==> flow/design.v <==
module mul_top #(
    parameter XLEN = 20,
    parameter K = 12
) (
    input logic aclk,
    input logic rst,
    input logic ce,
    input logic [XLEN-1:0] x,
    input logic [K-1:0] y,
    output logic [XLEN+K-1:0] m
);
    logic [XLEN-1:0] x_reg;
    logic [K-1:0] y_reg;
    always_ff @(posedge aclk) begin
        if (rst) begin
            x_reg <= 0;
            y_reg <= 0;
            m <= 0;
        end else if (ce) begin
            x_reg <= x;
            y_reg <= y;
            m <= x_reg * y_reg;
        end
    end
endmodule
From RTL to reports: mul_top
Tool output for the design above, in the order of the flow.
Lines are those of the file above, counted from 1.
{ "setup": {"top_module": "mul_top", "clock_port": "aclk", "library": "sky130hd", "corner": "tt_025C_1v80"} }

Word level
Yosys after proc, flatten, opt, wreduce and memory -nomap, before mapping. Enables and synchronous resets that opt folds into registers are not counted as muxes. Memory bits, and registers merged into a memory's read port (data or address), are not among the register bits. Print and check cells are not counted. Equal cells are merged and count once.
{ "bits": {"word_cells": 4, "reg_bits": 64, "input_bits": 35} }
{ "classes": {"mul": 1} }
{ "op_table": {"columns": ["operator", "count"], "rows": [
  ["20-bit by 12-bit multiplier with 32-bit output", 1]
]} }

Longest topological paths
Yosys ltp: most cells in a row. Word level: on the elaborated netlist, between registers, memories and ports. Mapped: between sequential cells and ports; inverters and the memories' decode and read muxes count.
{ "depth": {"word_depth": 1, "abc_area": 0, "mapped_depth": 20, "mapped_depth_nobuf": 18} }

Synthesis result
The flow's flattened synthesis, as Yosys stat reports it; memories are mapped. The netlist is that of the ABC_AREA named above (0 if unset); the other value can give another one.
{ "mapped": {"synth_area_um2": 9998.3, "seq_area_um2": 1281.2, "ffs": 64, "cell_count": 1151, "n_buf": 69} }
{ "types": {"columns": ["type", "count"], "rows": [
  ["sky130_fd_sc_hd__fa_1", 180],
  ["sky130_fd_sc_hd__dfxtp_1", 64],
  ["sky130_fd_sc_hd__ha_1", 70],
  ["sky130_fd_sc_hd__inv_1", 218],
  ["sky130_fd_sc_hd__nand2_1", 195],
  ["sky130_fd_sc_hd__mux2i_1", 43],
  ["sky130_fd_sc_hd__and2_1", 66],
  ["sky130_fd_sc_hd__nor2_1", 59],
  ["sky130_fd_sc_hd__clkbuf_1", 52],
  ["sky130_fd_sc_hd__a21oi_1", 33],
  ["sky130_fd_sc_hd__o21ai_0", 21],
  ["sky130_fd_sc_hd__a21o_1", 13],
  ["sky130_fd_sc_hd__xnor2_1", 11],
  ["sky130_fd_sc_hd__o211ai_1", 7],
  ["sky130_fd_sc_hd__o21a_1", 7],
  ["sky130_fd_sc_hd__nand3_1", 9],
  ["sky130_fd_sc_hd__nand2b_1", 7],
  ["sky130_fd_sc_hd__or3_1", 7]
]} }
Not listed: further types 38, cells in them 89.

Timing after synthesis
OpenSTA on the mapped netlist: ideal clock, no wires. The path of least setup slack (recovery checks aside). Input and output delay are each 20% of the period. Register names are those of the netlist, which keeps one name where synthesis merged equal registers.
{ "synth_timing": {"path_type": "reg-to-reg", "start": "reg y_reg[3]", "end": "reg m[26]", "period_ns": 6.26, "setup_time_ns": 0.117, "path_delay_ns": 5.010, "arrival_time_ns": 4.893, "n_path_buf": 2, "stages": 18, "path_slack_ns": 1.249, "period_less_setup_slack_ns": 5.011} }
"path_delay_ns" is the arrival time less input delay plus setup time.
"stages": output pins that drive a net of the path, with the launching flip-flop's if there is one; two outputs of one cell count as two.
"period_less_setup_slack_ns" = period - worst setup slack (recovery checks aside). The figure is calculated, with input and output delays left at 20% of the set period.
Between the ends stands the longest chain of elaborated cells between them, by number of cells; it is not shown to be the way that was timed. Of several equally long chains one is given.
A line is the first line of the expression or statement that the cell stems from. Yosys adds cells for indexed reads and writes and turns some case tables into memories.
{ "synth_via": {"path_cell_list": "sky130_fd_sc_hd__dfxtp_1 -> sky130_fd_sc_hd__clkbuf_1 -> sky130_fd_sc_hd__nand2_1 -> sky130_fd_sc_hd__fa_1 -> sky130_fd_sc_hd__inv_1 -> sky130_fd_sc_hd__fa_1 -> sky130_fd_sc_hd__inv_1 -> sky130_fd_sc_hd__fa_1 -> sky130_fd_sc_hd__inv_1 -> sky130_fd_sc_hd__fa_1 -> sky130_fd_sc_hd__fa_1 -> sky130_fd_sc_hd__ha_1 -> sky130_fd_sc_hd__buf_6 -> sky130_fd_sc_hd__a21oi_4 -> sky130_fd_sc_hd__o211ai_2 -> sky130_fd_sc_hd__a221o_1 -> sky130_fd_sc_hd__or3_1 -> sky130_fd_sc_hd__a32o_1", "elab_chain_cells": 1, "cells_between": 1, "lines_between": 1, "classes_between": "mul: 1"} }
{ "synth_lines": {"columns": ["item", "line", "text"], "rows": [
  ["from (decl)", 13, "logic [K-1:0] y_reg;"],
  ["from (assign)", 17, "y_reg <= 0;"],
  ["from (assign)", 21, "y_reg <= y;"],
  ["20-bit by 12-bit multiplier with 32-bit output", 22, "m <= x_reg * y_reg;"],
  ["to (assign)", 18, "m <= 0;"],
  ["to (assign)", 22, null],
  ["to (decl)", 10, "output logic [XLEN+K-1:0] m"]
]} }

Timing after layout
From the final timing report of run A: the path of least setup slack in the routed layout; clock arrival at registers is part of the times.
{ "layout_timing": {"path_type": "reg-to-reg", "start": "reg x_reg[12]", "end": "reg m[31]", "n_path_buf": 0, "stages": 17, "setup_time_ns": 0.11, "period_ns": 5.83, "arrival_time_ns": 5.67, "path_slack_ns": 0.40} }
Between the ends stands the longest chain of elaborated cells between them, by number of cells; it is not shown to be the way that was timed. Of several equally long chains one is given.
{ "layout_via": {"path_cell_list": "sky130_fd_sc_hd__dfxtp_1 -> sky130_fd_sc_hd__nand2_1 -> sky130_fd_sc_hd__fa_1 -> sky130_fd_sc_hd__inv_1 -> sky130_fd_sc_hd__fa_1 -> sky130_fd_sc_hd__inv_1 -> sky130_fd_sc_hd__fa_1 -> sky130_fd_sc_hd__inv_1 -> sky130_fd_sc_hd__fa_1 -> sky130_fd_sc_hd__fa_1 -> sky130_fd_sc_hd__ha_1 -> sky130_fd_sc_hd__nand2_1 -> sky130_fd_sc_hd__nor2_1 -> sky130_fd_sc_hd__o311ai_2 -> sky130_fd_sc_hd__a211oi_1 -> sky130_fd_sc_hd__nor3_1 -> sky130_fd_sc_hd__a211o_1", "elab_chain_cells": 1, "cells_between": 1, "lines_between": 1, "classes_between": "mul: 1"} }
{ "layout_lines": {"columns": ["item", "line", "text"], "rows": [
  ["from (decl)", 12, "logic [XLEN-1:0] x_reg;"],
  ["from (assign)", 16, "x_reg <= 0;"],
  ["from (assign)", 20, "x_reg <= x;"],
  ["20-bit by 12-bit multiplier with 32-bit output", 22, "m <= x_reg * y_reg;"],
  ["to (assign)", 18, "m <= 0;"],
  ["to (assign)", 22, null],
  ["to (decl)", 10, "output logic [XLEN+K-1:0] m"]
]} }

==> results <==
Stored flow runs of mul_top (3 of them; Yosys, OpenROAD, sky130hd). They differ in their settings and are not a sequence. Constraints: input delay and output delay 20% of the set period each, output load 0.01 pF.
"finish__power__total" rests on the timing tool's default activity at the inputs, not on a simulated workload.

settings of run A
{
  "period_ns": 5.83,
  "CORE_UTILIZATION": 49,
  "PLACE_DENSITY_LB_ADDON": 0.24,
  "CORE_MARGIN": 8,
  "CELL_PAD_IN_SITES_DETAIL_PLACEMENT": 0,
  "TNS_END_PERCENT": 35,
  "GPL_ROUTABILITY_DRIVEN": 1,
  "CTS_CLUSTER_DIAMETER": 330,
  "MIN_ROUTING_LAYER": "met1",
  "CAP_MARGIN": 20,
  "SLEW_MARGIN": 20
}
report of run A
yosys chip area after synthesis (um^2): 9998.3
finish__design__die__area: 25231.7
finish__design__instance__area__stdcell: 11202.0
finish__timing__setup__ws: 0.404
finish__timing__setup__tns: 0.000
finish__power__total: 1.580e-03

settings of run B
{
  "period_ns": 6.26,
  "CAP_MARGIN": 20,
  "CORE_MARGIN": 2,
  "CORE_UTILIZATION": 40,
  "SLEW_MARGIN": 20
}
report of run B
yosys chip area after synthesis (um^2): 9998.3
finish__design__die__area: 26276.4
finish__design__instance__area__stdcell: 11165.7
finish__timing__setup__ws: 0.532
finish__timing__setup__tns: 0.000
finish__power__total: 1.462e-03

settings of run C
{
  "period_ns": 6.38,
  "CORE_UTILIZATION": 46,
  "SETUP_SLACK_MARGIN": 1.79,
  "PLACE_DENSITY_LB_ADDON": 0.09,
  "CORE_ASPECT_RATIO": 0.85,
  "CELL_PAD_IN_SITES_GLOBAL_PLACEMENT": 2,
  "CTS_CLUSTER_SIZE": 71,
  "CAP_MARGIN": 15,
  "CORE_MARGIN": 2,
  "SLEW_MARGIN": 20
}
report of run C
yosys chip area after synthesis (um^2): 9998.3
finish__design__die__area: 22935.1
finish__design__instance__area__stdcell: 12693.4
finish__timing__setup__ws: 1.360
finish__timing__setup__tns: 0.000
finish__power__total: 1.684e-03
